==> flow/design.v <==
module mul_rtl #(
  parameter integer XLEN = 56,
  parameter integer W2 = 8
) (
  input  logic core_clk,
  input  logic rst,
  input  logic [XLEN-1:0] in_first,
  input  logic [W2-1:0] in_second,
  output logic [XLEN+W2-1:0] out_res
);
  always_ff @(posedge core_clk or posedge rst) begin
    if (rst) begin
      out_res <= 0;
    end else begin
      out_res <= in_first * in_second;
    end
  end
endmodule
# Tool chain data of mul_rtl
# What the tools print for mul_rtl, step after step.
# Lines are those of the file above, counted from 1.
# Operators carry their Yosys type and port widths (W data, S select, Z words).
# Cell names lack the library's common part.
# The mark -- stands for no value.
[setup]
design = "mul_rtl"
clk_port = "core_clk"
cell_library = "sky130hd"
lib_corner = "tt_025C_1v80"

# Word level
# Source: Yosys, flattened and elaborated, memories not mapped. Widths are those after wreduce; folded enables and synchronous resets count as part of the registers. Registers that Yosys merges into a memory's read port (data or address) are not register bits. Print and check cells do not count. Equal cells are merged and count once.
[classes]
n_div = 0
eq_ne = 0
logic = 0
shifts = 0
mul = 1
add_sub_neg = 0
reduce_logical = 0
mux = 0
n_cmp = 0
[ops]
columns = ["cell", "count"]
rows = [
  ["$mul A56 B8 Y64", 1],
]
[bits]
ramBits = 0
regBits = 64
out_inout_bits = 64
memories = 0
input_bits = 66
wordCells = 2
clocked_rd_ports_x_width = 0
mem_bits_ro = 0
latch_bits = 0

# Logic depth
# Depth = most cells in a row (Yosys ltp): at word level without a register or memory, in the mapped netlist without a sequential cell, where the memories' decode and read muxes count.
[logic_depth]
word_depth = 1
ABC_AREA = 0
ltp_mapped = 21
ltp_nobuf = 18

# Mapped cells and area
# Yosys stat after the flow's synthesis: flattened, memories mapped to cells. It holds for the ABC_AREA given above (unset counts as 0); a run with the other value may have another netlist.
[synth_totals]
flip_flops = 64
stdcells = 1734
yosys_area_um2 = 15972.8
n_buf = 77
[types]
columns = ["type", "count", "type_area_um2"]
rows = [
  ["fa_1", 324, 6.49E+03],
  ["and2_1", 378, 2.36E+03],
  ["dfrtp_1", 64, 1.6E+03],
  ["ha_1", 84, 1.05E+03],
  ["inv_1", 245, 919.632],
  ["nand2_1", 142, 533.011],
  ["a21oi_1", 71, 355.341],
  ["xnor2_1", 33, 289.027],
  ["a21o_1", 30, 225.216],
  ["clkbuf_1", 58, 217.709],
  ["xor2_1", 22, 192.685],
  ["nor2_1", 45, 168.912],
  ["o21ai_1", 26, 130.125],
  ["o21ai_0", 24, 120.115],
  ["nand4_1", 16, 100.096],
  ["buf_2", 18, 90.086],
  ["nor3_1", 18, 90.086],
  ["o21bai_1", 11, 82.579],
]
# Not listed: further types 43, cells in them 125.

# Worst setup path after synthesis
# Source: OpenSTA report_checks on the synthesized netlist (no wires, ideal clock, input and output delay 20% of the period each), path of least setup slack; recovery checks are left aside. Register names are those of the netlist, which keeps one name where synthesis merged equal registers.
[synth_path]
kind = "input to register"
from = "in in_second[2]"
to = "reg out_res[51]"
delay_ps = 4467
in_delay_ps = 1396
tclk_ps = 6980
launch_ps = 1396
required_time_ps = 6900
path_stages = 19
path_slack_ps = 1117
t_arrival_ps = 5783
synth_period_reached_ps = 5863
# "delay_ps" = arrival - input delay + setup time.
# "path_stages" counts driving pins, that of a launching flip-flop among them; a cell with two outputs on the path counts twice.
# "synth_period_reached_ps" = period - worst setup slack (recovery checks aside). The figure is calculated, with input and output delays left at 20% of the set period.
# Between the ends stands the longest chain of elaborated cells between them, by number of cells; it is not shown to be the way that was timed. Of several equally long chains one is given.
# A line is the first line of the expression or statement that the cell stems from. Yosys adds cells for indexed reads and writes and turns some case tables into memories.
[synth_via]
cell_sequence = "clkbuf_1 clkbuf_1 nand2_1 fa_1 fa_1 inv_1 fa_1 inv_1 fa_1 inv_1 ha_1 a21o_1 or2_1 o21ai_1 a21oi_1 a211oi_2 nand2_1 a311oi_1 xnor2_1"
elab_chain_len = 1
cone_cells = 1
cone_lines = 1
cone_classes = "1 x mul"
[synth_lines]
columns = ["item", "line", "rtl"]
rows = [
  ["from (decl)", 8, "input  logic [W2-1:0] in_second,"],
  ["$mul A56 B8 Y64", 15, "out_res <= in_first * in_second;"],
  ["to (assign)", 13, "out_res <= 0;"],
  ["to (assign)", 15, ""],
  ["to (decl)", 9, "output logic [XLEN+W2-1:0] out_res"],
]

# Path in the finished layout
# From the final timing report of record 1: the path of least setup slack in the routed layout; clock arrival at registers is part of the times.
# The report prints the path's times to 10 ps; the period is as set.
[layout_path]
kind = "input to register"
from = "in in_second[6]"
to = "reg out_res[57]"
launch_ps = 870
t_arrival_ps = 5480
required_time_ps = 4640
tclk_ps = 4330
in_delay_ps = 870
path_slack_ps = -840
path_stages = 19
# Between the ends stands the longest chain of elaborated cells between them, by number of cells; it is not shown to be the way that was timed. Of several equally long chains one is given.
[layout_via]
cell_sequence = "buf_12 buf_12 buf_12 and2_4 fa_1 fa_1 fa_1 fa_1 ha_4 buf_6 a21oi_4 a21boi_2 a311oi_2 o211ai_1 a22oi_2 o21ai_4 buf_6 a21oi_4 xnor2_1"
elab_chain_len = 1
cone_cells = 1
cone_lines = 1
cone_classes = "1 x mul"
[layout_lines]
columns = ["item", "line", "rtl"]
rows = [
  ["from (decl)", 8, "input  logic [W2-1:0] in_second,"],
  ["$mul A56 B8 Y64", 15, "out_res <= in_first * in_second;"],
  ["to (assign)", 13, "out_res <= 0;"],
  ["to (assign)", 15, ""],
  ["to (decl)", 9, "output logic [XLEN+W2-1:0] out_res"],
]

# Measured results for mul_rtl: 3 stored runs of the Yosys and OpenROAD flow on sky130hd. The settings differ; the order carries no meaning. The constraints put input and output delay at 20% of the set period each and load the outputs with 0.01 pF.
# "worstPathTime_ps" means the part of the period allowed to the worst setup path (the constraints hold back 20% at inputs and 20% at outputs) less its slack; where the path has registers, the arrival times of their clocks count too.
# "final_power_uw": no workload was simulated; the value follows from the tool's default switching activity.
# "worstPathTime_ps" is known to 10 ps.

[[run]]
name = "record 1"
[run.settings]
period_ns = 4.33
CORE_UTILIZATION = 15
CELL_PAD_IN_SITES_GLOBAL_PLACEMENT = 3
TNS_END_PERCENT = 80
GPL_ROUTABILITY_DRIVEN = 0
CTS_CLUSTER_DIAMETER = 59
CAP_MARGIN = 25
MAX_ROUTING_LAYER = "met4"
CORE_MARGIN = 2
SLEW_MARGIN = 20
[run.results]
synth_area_um2 = 15972.8
die_footprint_um2 = 109111.0
final_stdcell_area_um2 = 25502.0
post_route_util_frac = 0.242
fin_ws_ps = -841
final_hold_ws_ps = 879
final_power_uw = 22473
worstPathTime_ps = 4300
critical_path_type = "input to register"

[[run]]
name = "record 2"
[run.settings]
period_ns = 9.61
CORE_UTILIZATION = 28
PLACE_DENSITY_LB_ADDON = 0.2
CELL_PAD_IN_SITES_GLOBAL_PLACEMENT = 3
CELL_PAD_IN_SITES_DETAIL_PLACEMENT = 2
TNS_END_PERCENT = 25
CTS_CLUSTER_SIZE = 39
CTS_CLUSTER_DIAMETER = 241
MIN_ROUTING_LAYER = "met1"
MAX_ROUTING_LAYER = "met4"
CAP_MARGIN = 20
CORE_MARGIN = 2
SLEW_MARGIN = 20
[run.results]
synth_area_um2 = 15972.8
die_footprint_um2 = 58971.3
final_stdcell_area_um2 = 18325.1
post_route_util_frac = 0.325
fin_ws_ps = 1527
final_hold_ws_ps = 2055
final_power_uw = 6085
worstPathTime_ps = 6160
critical_path_type = "input to register"

[[run]]
name = "record 3"
[run.settings]
period_ns = 6.98
CAP_MARGIN = 20
CORE_MARGIN = 2
CORE_UTILIZATION = 40
SLEW_MARGIN = 20
[run.results]
synth_area_um2 = 15972.8
die_footprint_um2 = 41546.7
final_stdcell_area_um2 = 18318.8
post_route_util_frac = 0.463
fin_ws_ps = 590
final_hold_ws_ps = 1595
final_power_uw = 8061
worstPathTime_ps = 4990
critical_path_type = "input to register"
